==> flow/design.v <==
module as_core_v2 (core_clk, RSTN, ce, in_u, in_v, out_delta);
  parameter integer DATA_W = 12;
  input core_clk;
  input RSTN;
  input ce;
  input [DATA_W-1:0] in_u;
  input [DATA_W-1:0] in_v;
  output reg [DATA_W-1:0] out_delta;
  reg [DATA_W-1:0] u_d1;
  reg [DATA_W-1:0] v_d1;
  reg [DATA_W:0] cur_d1;
  always @(posedge core_clk) begin
    if (~RSTN) begin
      u_d1 <= 0;
      v_d1 <= 0;
      cur_d1 <= 0;
      out_delta <= 0;
    end else if (ce) begin
      u_d1 <= in_u;
      v_d1 <= in_v;
      cur_d1 <= {1'b0, u_d1} - {1'b0, v_d1};
      out_delta <= cur_d1[DATA_W] ? -cur_d1[DATA_W-1:0] : cur_d1[DATA_W-1:0];
    end
  end
endmodule
# [From RTL to reports: as_core_v2]
# Tool output for the design above, in the order of the flow.
# Lines are those of the file above, counted from 1.
# Library cell names are shortened.
# The mark -- stands for no value.
[design] design="as_core_v2" clock_port="core_clk" library="sky130hd" corner="tt_025C_1v80"

# [Word level]
# Counts by Yosys on the flattened word-level netlist (proc, flatten, opt, wreduce; memories kept). Register bits leave out memories and registers merged into their read ports (data or address); mux counts leave out enables and synchronous resets folded into registers. Print and check cells are left out. Cells with the same type and inputs are merged into one.
[classes] n_addsub=2 muxes=1
[op_table] op="subtractor 12 x 12 -> 13 bit" n=1
[op_table] op="negator 12 bit" n=1
[op_table] op="two-way mux 12 bit" n=1
[word_totals] reg_bits=49 input_bits=27 output_inout_bits=12

# [Depth]
# Yosys ltp: most cells in a row. Word level: on the elaborated netlist, between registers, memories and ports. Mapped: between sequential cells and ports; inverters and the memories' decode and read muxes count.
[depth] ltp_word=2 abc_area=0 mapped_depth=8

# [Netlist]
# Source: synth_stat.txt of the flow (Yosys; design flattened, memories mapped). It holds for the ABC_AREA given above (unset counts as 0); a run with the other value may have another netlist.
[types] type="dfxtp_1" n=49
[types] type="mux2i_1" n=27
[types] type="ha_1" n=13
[types] type="nor2_1" n=42
[types] type="xor2_1" n=11
[types] type="a211oi_1" n=10
[types] type="inv_1" n=19
[types] type="o21a_1" n=8
[types] type="a21oi_1" n=9
[types] type="nor2b_1" n=7
[types] type="o21ai_0" n=8
[types] type="nand2_1" n=10
[types] type="or3_1" n=6
[types] type="nand3_1" n=6
[types] type="nor3_1" n=6
[types] type="o31ai_1" n=4
[types] type="clkbuf_1" n=7
[types] type="buf_2" n=5
# Other cell types: 24; their cells: 32.
[synth_totals] cells=279 synth_area_mm2=0.0024986 flip_flops=49

# [Path before layout]
# OpenSTA on the mapped netlist: ideal clock, no wires. The path of least setup slack (recovery checks aside). Input and output delay are each 20% of the period. Register names are those of the netlist, which keeps one name where synthesis merged equal registers.
[synth_path] kind="register -> register" startpoint="register u_d1[0]" endpoint="register cur_d1[10]" period_ns=2.46 setup_time_ns=0.122 arrival_time_ns=1.845 t_required_ns=2.338 path_slack_ns=0.493 path_delay_ns=1.967 path_stages=9 path_buffers=0 synth_period_reached_ns=1.967
# "path_delay_ns" is the arrival time less input delay plus setup time.
# "path_stages": output pins that drive a net of the path, with the launching flip-flop's if there is one; two outputs of one cell count as two.
# "synth_period_reached_ns" is the clock period less the worst setup slack; recovery checks do not enter. This is arithmetic on one report: input and output delays are still those of the set period (20% each).
# The rows between start and end are the longest chain of elaborated cells between them; the timing report does not say that the signal goes this way. Where chains are equally long, one stands for them.
# A line is the first line of the expression or statement that the cell stems from. Yosys adds cells for indexed reads and writes and turns some case tables into memories.
[synth_via] path_cell_list="dfxtp_1 inv_1 ha_1 fa_1 nor2b_1 o31ai_2 a211oi_2 mux2i_1 a311o_1" elab_chain_len=1
[synth_rtl] item="start: declaration" line=9 rtl="reg [DATA_W-1:0] u_d1;"
[synth_rtl] item="start: assignment" line=14 rtl="u_d1 <= 0;"
[synth_rtl] item="start: assignment" line=19 rtl="u_d1 <= in_u;"
[synth_rtl] item="subtractor 12 x 12 -> 13 bit" line=21 rtl="cur_d1 <= {1'b0, u_d1} - {1'b0, v_d1};"
[synth_rtl] item="end: assignment" line=16 rtl="cur_d1 <= 0;"
[synth_rtl] item="end: assignment" line=21
[synth_rtl] item="end: declaration" line=11 rtl="reg [DATA_W:0] cur_d1;"

# [Timing after layout]
# Path of least setup slack in the final report of job 2 (OpenROAD, finished layout, wires in). Where an end is a register, its clock arrival counts in the times.
[layout_path] kind="register -> register" startpoint="register u_d1[0]" endpoint="register cur_d1[10]" period_ns=2.46 setup_time_ns=0.10 arrival_time_ns=2.34 t_required_ns=2.65 path_slack_ns=0.31 path_stages=9 path_buffers=0
# The rows between start and end are the longest chain of elaborated cells between them; the timing report does not say that the signal goes this way. Where chains are equally long, one stands for them.
[layout_via] path_cell_list="dfxtp_1 inv_1 ha_1 fa_1 nor2b_1 o31ai_2 a211oi_2 mux2i_1 a311o_1" elab_chain_len=1
[layout_rtl] item="start: declaration" line=9 rtl="reg [DATA_W-1:0] u_d1;"
[layout_rtl] item="start: assignment" line=14 rtl="u_d1 <= 0;"
[layout_rtl] item="start: assignment" line=19 rtl="u_d1 <= in_u;"
[layout_rtl] item="subtractor 12 x 12 -> 13 bit" line=21 rtl="cur_d1 <= {1'b0, u_d1} - {1'b0, v_d1};"
[layout_rtl] item="end: assignment" line=16 rtl="cur_d1 <= 0;"
[layout_rtl] item="end: assignment" line=21
[layout_rtl] item="end: declaration" line=11 rtl="reg [DATA_W:0] cur_d1;"

Memo
Re: implementation data of as_core_v2

Stored flow runs of as_core_v2 (3 of them; Yosys, OpenROAD, sky130hd). They differ in their settings and are not a sequence. Constraints: input delay and output delay 20% of the set period each, output load 0.01 pF.
"worst_setup_path_time_ns": the worst setup path's part of the clock period (all of it between registers, 20% less for each end at a port) less its slack. A launch clock that arrives late makes it longer, a capture clock that arrives late makes it shorter.
"power_total_mw" rests on the timing tool's default activity at the inputs, not on a simulated workload.

[flow] job 1: files
==> flow/run.sh <==
#!/bin/bash
# the make line also repeats the synthesis and layout settings of config.mk as NAME=value (left out here)
make -C /OpenROAD-flow-scripts/flow DESIGN_CONFIG=/design/flow/config.mk WORK_HOME=/design/flow/orfs CLKGATE_MAP_FILE= finish
==> flow/config.mk <==
export PLATFORM = sky130hd
export DESIGN_NAME = as_core_v2
export DESIGN_NICKNAME = as_core_v2
export VERILOG_FILES = /design/flow/design.v
export SDC_FILE = /design/flow/constraint.sdc
export NUM_CORES = 4
export LEC_CHECK = 0
export CAP_MARGIN = 20
export CELL_PAD_IN_SITES_DETAIL_PLACEMENT = 2
export CORE_ASPECT_RATIO = 1.81
export CORE_MARGIN = 2
export CORE_UTILIZATION = 44
export GPL_ROUTABILITY_DRIVEN = 0
export GPL_TIMING_DRIVEN = 1
export PLACE_DENSITY_LB_ADDON = 0.26
export SETUP_SLACK_MARGIN = 0.36
export SLEW_MARGIN = 20
==> flow/constraint.sdc <==
create_clock -name core_clock -period 1.33 [get_ports {core_clk}]
set_input_delay 0.2660 -clock core_clock [delete_from_list [all_inputs] [get_ports {core_clk}]]
set_output_delay 0.2660 -clock core_clock [all_outputs]
set_load 0.01 [all_outputs]

[flow] job 1: unfinished; error DPL-0033 in placement

[flow] job 2: files
==> flow/run.sh <==
#!/bin/bash
# the make line also repeats the synthesis and layout settings of config.mk as NAME=value (left out here)
make -C /OpenROAD-flow-scripts/flow DESIGN_CONFIG=/design/flow/config.mk WORK_HOME=/design/flow/orfs CLKGATE_MAP_FILE= finish
==> flow/config.mk <==
export PLATFORM = sky130hd
export DESIGN_NAME = as_core_v2
export DESIGN_NICKNAME = as_core_v2
export VERILOG_FILES = /design/flow/design.v
export SDC_FILE = /design/flow/constraint.sdc
export NUM_CORES = 4
export LEC_CHECK = 0
export CAP_MARGIN = 20
export CORE_MARGIN = 2
export CORE_UTILIZATION = 40
export SLEW_MARGIN = 20
==> flow/constraint.sdc <==
create_clock -name core_clock -period 2.46 [get_ports {core_clk}]
set_input_delay 0.4920 -clock core_clock [delete_from_list [all_inputs] [get_ports {core_clk}]]
set_output_delay 0.4920 -clock core_clock [all_outputs]
set_load 0.01 [all_outputs]

[flow] job 2: metrics
[metrics] synth_area_mm2 = 0.0024986
[metrics] die_footprint_mm2 = 0.0068948
[metrics] finalUtil_pct = 51.4
[metrics] final_setup_ws_ns = 0.309
[metrics] tns_ns = 0.000
[metrics] hold_worst_slack_ns = 0.458
[metrics] power_total_mw = 1.898
[metrics] worst_setup_path_time_ns = 2.15
[metrics] path_kind = register -> register

[flow] job 3: files
==> flow/run.sh <==
#!/bin/bash
# the make line also repeats the synthesis and layout settings of config.mk as NAME=value (left out here)
make -C /OpenROAD-flow-scripts/flow DESIGN_CONFIG=/design/flow/config.mk WORK_HOME=/design/flow/orfs CLKGATE_MAP_FILE= finish
==> flow/config.mk <==
export PLATFORM = sky130hd
export DESIGN_NAME = as_core_v2
export DESIGN_NICKNAME = as_core_v2
export VERILOG_FILES = /design/flow/design.v
export SDC_FILE = /design/flow/constraint.sdc
export NUM_CORES = 4
export LEC_CHECK = 0
export ABC_AREA = 0
export CAP_MARGIN = 20
export CELL_PAD_IN_SITES_DETAIL_PLACEMENT = 1
export CORE_MARGIN = 2
export CORE_UTILIZATION = 28
export CTS_CLUSTER_SIZE = 84
export MIN_ROUTING_LAYER = met2
export PLACE_DENSITY_LB_ADDON = 0.08
export SETUP_SLACK_MARGIN = 0.29
export SLEW_MARGIN = 5
==> flow/constraint.sdc <==
create_clock -name core_clock -period 2.63 [get_ports {core_clk}]
set_input_delay 0.5260 -clock core_clock [delete_from_list [all_inputs] [get_ports {core_clk}]]
set_output_delay 0.5260 -clock core_clock [all_outputs]
set_load 0.01 [all_outputs]

[flow] job 3: metrics
[metrics] synth_area_mm2 = 0.0024986
[metrics] die_footprint_mm2 = 0.0096954
[metrics] finalUtil_pct = 35.5
[metrics] final_setup_ws_ns = 0.514
[metrics] tns_ns = 0.000
[metrics] hold_worst_slack_ns = 0.460
[metrics] power_total_mw = 1.760
[metrics] worst_setup_path_time_ns = 2.12
[metrics] path_kind = register -> register
